==> flow/design.v <==
module my_mplex_stage (clk_i, RSTN, enable, din, addr, y);
   parameter WIDTH = 6;
   parameter LANES = 4;
   localparam SEL_W = $clog2(LANES);
   input clk_i;
   input RSTN;
   input enable;
   input [LANES*WIDTH-1:0] din;
   input [SEL_W-1:0] addr;
   output [WIDTH-1:0] y;
   reg [LANES*WIDTH-1:0] din_d1;
   reg [SEL_W-1:0] addr_d1;
   wire [WIDTH-1:0] words [0:LANES-1];
   genvar g;
   generate
      for (g = 0; g < LANES; g = g + 1) begin : lane
         assign words[g] = din_d1[g*WIDTH +: WIDTH];
      end
   endgenerate
   assign y = words[addr_d1];
   always @(posedge clk_i or negedge RSTN) begin
      if (~RSTN) begin
         din_d1 <= 0;
         addr_d1 <= 0;
      end else if (enable) begin
         din_d1 <= din;
         addr_d1 <= addr;
      end
   end
endmodule
==> Step by step through the tools: my_mplex_stage <==
What the tools print for my_mplex_stage, step after step.
Line numbers count from 1 in the design file above.
Library cell names are shortened.
{ "inputs": {"top": "my_mplex_stage", "clk_port": "clk_i", "cell_library": "sky130hd", "corner": "tt_025C_1v80"} }

==> After elaboration <==
Source: Yosys, flattened and elaborated. Widths are those after wreduce; folded enables and synchronous resets count as part of the registers. Registers that Yosys merges into a memory's read port (data or address) are not register bits. Print and check cells do not count. Equal cells are merged and count once.
{ "classes": {"equal": 3, "mux": 1, "reduce_and_logical": 1} }
{ "ops": {"columns": ["op", "n"], "rows": [
  ["parallel mux 6 bit (select 4 bit)", 1],
  ["equality test 2 bit with constant B", 2],
  ["equality test 2 x 1 -> 1 bit with constant B", 1],
  ["logical NOT 2 bit", 1]
]} }
{ "word_totals": {"output_inout_bits": 6, "reg_bits": 26, "in_bits": 29, "wordCells": 7} }

==> Longest topological paths <==
Longest topological path by Yosys (ltp), each cell counted once; first at word level (registers and memories cut), then after technology mapping (sequential cells cut; the memories' decode and read muxes count).
{ "depth": {"word_depth": 2, "abc_area": 0, "mapped_depth": 3, "ltp_nobuf": 1} }

==> Netlist <==
The flow's flattened synthesis, as Yosys stat reports it; memories are mapped. The netlist is that of the ABC_AREA named above (0 if unset); the other value can give another one.
The area totals of this step are shown rounded.
{ "mapped": {"seq_area_um2": 651, "flip_flops": 26, "buffers": 5, "mapped_area_um2": 1130, "mapped_cells": 63} }
{ "by_type": {"columns": ["type", "n", "area_total_um2"], "rows": [
  ["dfrtp_1", 26, 650.624],
  ["mux2_2", 26, 292.781],
  ["mux4_2", 6, 135.13],
  ["buf_6", 4, 45.043],
  ["clkbuf_1", 1, 3.754]
]} }

==> Worst setup path after synthesis <==
Source: OpenSTA report_checks on the synthesized netlist (no wires, ideal clock, input and output delay 20% of the period each), path of least setup slack; recovery checks are left aside. Register names are those of the netlist, which keeps one name where synthesis merged equal registers.
{ "synth_path": {"path_type": "register -> output", "from": "register addr_d1[0]", "to": "output y[0]", "period_ns": 1.53, "output_delay_ns": 0.306, "path_slack_ns": 0.242, "n_path_buf": 1, "t_first_pin_ns": 0.000, "t_arrival_ns": 0.982, "stages": 3, "required_time_ns": 1.224, "delay_ns": 0.982, "period_less_setup_slack_ns": 1.288} }
"delay_ns" is the arrival time less input delay plus setup time.
A path that ends at an output port has no setup time.
"stages": output pins that drive a net of the path, with the launching flip-flop's if there is one; two outputs of one cell count as two.
"period_less_setup_slack_ns" = period - worst setup slack (recovery checks aside). The figure is calculated, with input and output delays left at 20% of the set period.
Between the ends stands the longest chain of elaborated cells between them, by number of cells; it is not shown to be the way that was timed. Of several equally long chains one is given.
Each line given opens the expression or statement behind the cell; cells for indexed reads and writes are added by Yosys, which also makes memories of some case tables.
{ "synth_via": {"cell_sequence": "dfrtp_1 buf_6 mux4_2", "elab_chain_cells": 2, "cone_cells": 5, "cone_lines": 1, "classes_between": "eq/ne: 3; mux: 1; reduce/logical: 1"} }
{ "synth_lines": {"columns": ["element", "line_no", "rtl"], "rows": [
  ["start: declaration", 12, "reg [SEL_W-1:0] addr_d1;"],
  ["start: assignment", 24, "addr_d1 <= 0;"],
  ["start: assignment", 27, "addr_d1 <= addr;"],
  ["equality test 2 bit", 20, "assign y = words[addr_d1];"],
  ["parallel mux 6 bit (select 4 bit)", 20, null],
  ["end: declaration", 10, "output [WIDTH-1:0] y;"]
]} }

==> Worst path after layout <==
Path of least setup slack in the final report of run 1 (OpenROAD, finished layout, wires in). Where an end is a register, its clock arrival counts in the times.
{ "layout_path": {"path_type": "register -> output", "from": "register addr_d1[0]", "to": "output y[5]", "stages": 4, "t_first_pin_ns": 0.26, "n_path_buf": 2, "output_delay_ns": 0.20, "period_ns": 1.02, "required_time_ns": 0.82, "path_slack_ns": -0.63, "t_arrival_ns": 1.45} }
Between the ends stands the longest chain of elaborated cells between them, by number of cells; it is not shown to be the way that was timed. Of several equally long chains one is given.
{ "layout_via": {"cell_sequence": "dfrtp_1 buf_12 mux4_2 buf_6", "elab_chain_cells": 2, "cone_cells": 5, "cone_lines": 1, "classes_between": "eq/ne: 3; mux: 1; reduce/logical: 1"} }
{ "layout_lines": {"columns": ["element", "line_no", "rtl"], "rows": [
  ["start: declaration", 12, "reg [SEL_W-1:0] addr_d1;"],
  ["start: assignment", 24, "addr_d1 <= 0;"],
  ["start: assignment", 27, "addr_d1 <= addr;"],
  ["equality test 2 bit", 20, "assign y = words[addr_d1];"],
  ["parallel mux 6 bit (select 4 bit)", 20, null],
  ["end: declaration", 10, "output [WIDTH-1:0] y;"]
]} }

Subject: flow runs of my_mplex_stage

Hi,

Flow measurements of my_mplex_stage on sky130hd: 3 stored runs with different settings, listed in no order. Input and output delays are each 20% of the period that was set; the output load is 0.01 pF.
"achieved_period_ns" means the clock period less the worst setup slack. The figure is calculated, with input and output delays left at 20% of the set period.
"timing.worst_path_ns" = time allowed to the worst setup path (clock period - input delay - output delay, where it has them) - its slack; a late launch clock adds to it, a late capture clock takes from it.
"power.total_w" is the tool's figure for a default switching activity; nothing was simulated.
Measured values are rounded.

Run 1
==> flow/run.sh <==
#!/bin/bash
# the make line also repeats the synthesis and layout settings of config.mk as NAME=value (left out here)
make -C /OpenROAD-flow-scripts/flow DESIGN_CONFIG=/design/flow/config.mk WORK_HOME=/design/flow/orfs CLKGATE_MAP_FILE= finish
==> flow/config.mk <==
export PLATFORM = sky130hd
export DESIGN_NAME = my_mplex_stage
export DESIGN_NICKNAME = my_mplex_stage
export VERILOG_FILES = /design/flow/design.v
export SDC_FILE = /design/flow/constraint.sdc
export NUM_CORES = 4
export LEC_CHECK = 0
export CAP_MARGIN = 0
export CELL_PAD_IN_SITES_GLOBAL_PLACEMENT = 0
export CORE_MARGIN = 2
export CORE_UTILIZATION = 22
export CTS_CLUSTER_SIZE = 39
export GPL_ROUTABILITY_DRIVEN = 0
export MAX_ROUTING_LAYER = met5
export SETUP_SLACK_MARGIN = 0.26
export SLEW_MARGIN = 20
export TNS_END_PERCENT = 60
==> flow/constraint.sdc <==
create_clock -name core_clock -period 1.02 [get_ports {clk_i}]
set_input_delay 0.2040 -clock core_clock [delete_from_list [all_inputs] [get_ports {clk_i}]]
set_output_delay 0.2040 -clock core_clock [all_outputs]
set_load 0.01 [all_outputs]

==> results of run 1, as JSON <==
{
  "yosys_chip_area_um2": 1130,
  "design_die_area_um2": 5710,
  "final_cell_area_um2": 1760,
  "utilization_pct": 35.1,
  "timing.setup.ws_ns": -0.633,
  "timing.setup.tns_ns": -3.75,
  "power.total_w": 0.00247,
  "achieved_period_ns": 1.653,
  "timing.worst_path_ns": 1.45,
  "worst_setup_path_type": "register -> output"
}

Run 2
==> flow/run.sh <==
#!/bin/bash
# the make line also repeats the synthesis and layout settings of config.mk as NAME=value (left out here)
make -C /OpenROAD-flow-scripts/flow DESIGN_CONFIG=/design/flow/config.mk WORK_HOME=/design/flow/orfs CLKGATE_MAP_FILE= finish
==> flow/config.mk <==
export PLATFORM = sky130hd
export DESIGN_NAME = my_mplex_stage
export DESIGN_NICKNAME = my_mplex_stage
export VERILOG_FILES = /design/flow/design.v
export SDC_FILE = /design/flow/constraint.sdc
export NUM_CORES = 4
export LEC_CHECK = 0
export CAP_MARGIN = 20
export CORE_MARGIN = 2
export CORE_UTILIZATION = 40
export SLEW_MARGIN = 20
==> flow/constraint.sdc <==
create_clock -name core_clock -period 1.53 [get_ports {clk_i}]
set_input_delay 0.3060 -clock core_clock [delete_from_list [all_inputs] [get_ports {clk_i}]]
set_output_delay 0.3060 -clock core_clock [all_outputs]
set_load 0.01 [all_outputs]

==> results of run 2, as JSON <==
{
  "yosys_chip_area_um2": 1130,
  "design_die_area_um2": 3260,
  "final_cell_area_um2": 1540,
  "utilization_pct": 57.0,
  "timing.setup.ws_ns": -0.315,
  "timing.setup.tns_ns": -1.85,
  "power.total_w": 0.0014,
  "achieved_period_ns": 1.845,
  "timing.worst_path_ns": 1.54,
  "worst_setup_path_type": "register -> output"
}

Run 3
==> flow/run.sh <==
#!/bin/bash
# the make line also repeats the synthesis and layout settings of config.mk as NAME=value (left out here)
make -C /OpenROAD-flow-scripts/flow DESIGN_CONFIG=/design/flow/config.mk WORK_HOME=/design/flow/orfs CLKGATE_MAP_FILE= finish
==> flow/config.mk <==
export PLATFORM = sky130hd
export DESIGN_NAME = my_mplex_stage
export DESIGN_NICKNAME = my_mplex_stage
export VERILOG_FILES = /design/flow/design.v
export SDC_FILE = /design/flow/constraint.sdc
export NUM_CORES = 4
export LEC_CHECK = 0
export CAP_MARGIN = 10
export CORE_ASPECT_RATIO = 1.97
export CORE_MARGIN = 2
export CORE_UTILIZATION = 35
export CTS_CLUSTER_DIAMETER = 136
export GPL_ROUTABILITY_DRIVEN = 0
export GPL_TIMING_DRIVEN = 1
export MAX_ROUTING_LAYER = met5
export MIN_ROUTING_LAYER = met1
export SETUP_SLACK_MARGIN = 0.24
export SLEW_MARGIN = 40
==> flow/constraint.sdc <==
create_clock -name core_clock -period 0.988 [get_ports {clk_i}]
set_input_delay 0.1976 -clock core_clock [delete_from_list [all_inputs] [get_ports {clk_i}]]
set_output_delay 0.1976 -clock core_clock [all_outputs]
set_load 0.01 [all_outputs]

==> results of run 3, as JSON <==
{
  "yosys_chip_area_um2": 1130,
  "design_die_area_um2": 3720,
  "final_cell_area_um2": 1790,
  "utilization_pct": 56.8,
  "timing.setup.ws_ns": -0.748,
  "timing.setup.tns_ns": -4.21,
  "power.total_w": 0.00253,
  "achieved_period_ns": 1.736,
  "timing.worst_path_ns": 1.54,
  "worst_setup_path_type": "register -> output"
}

Regards
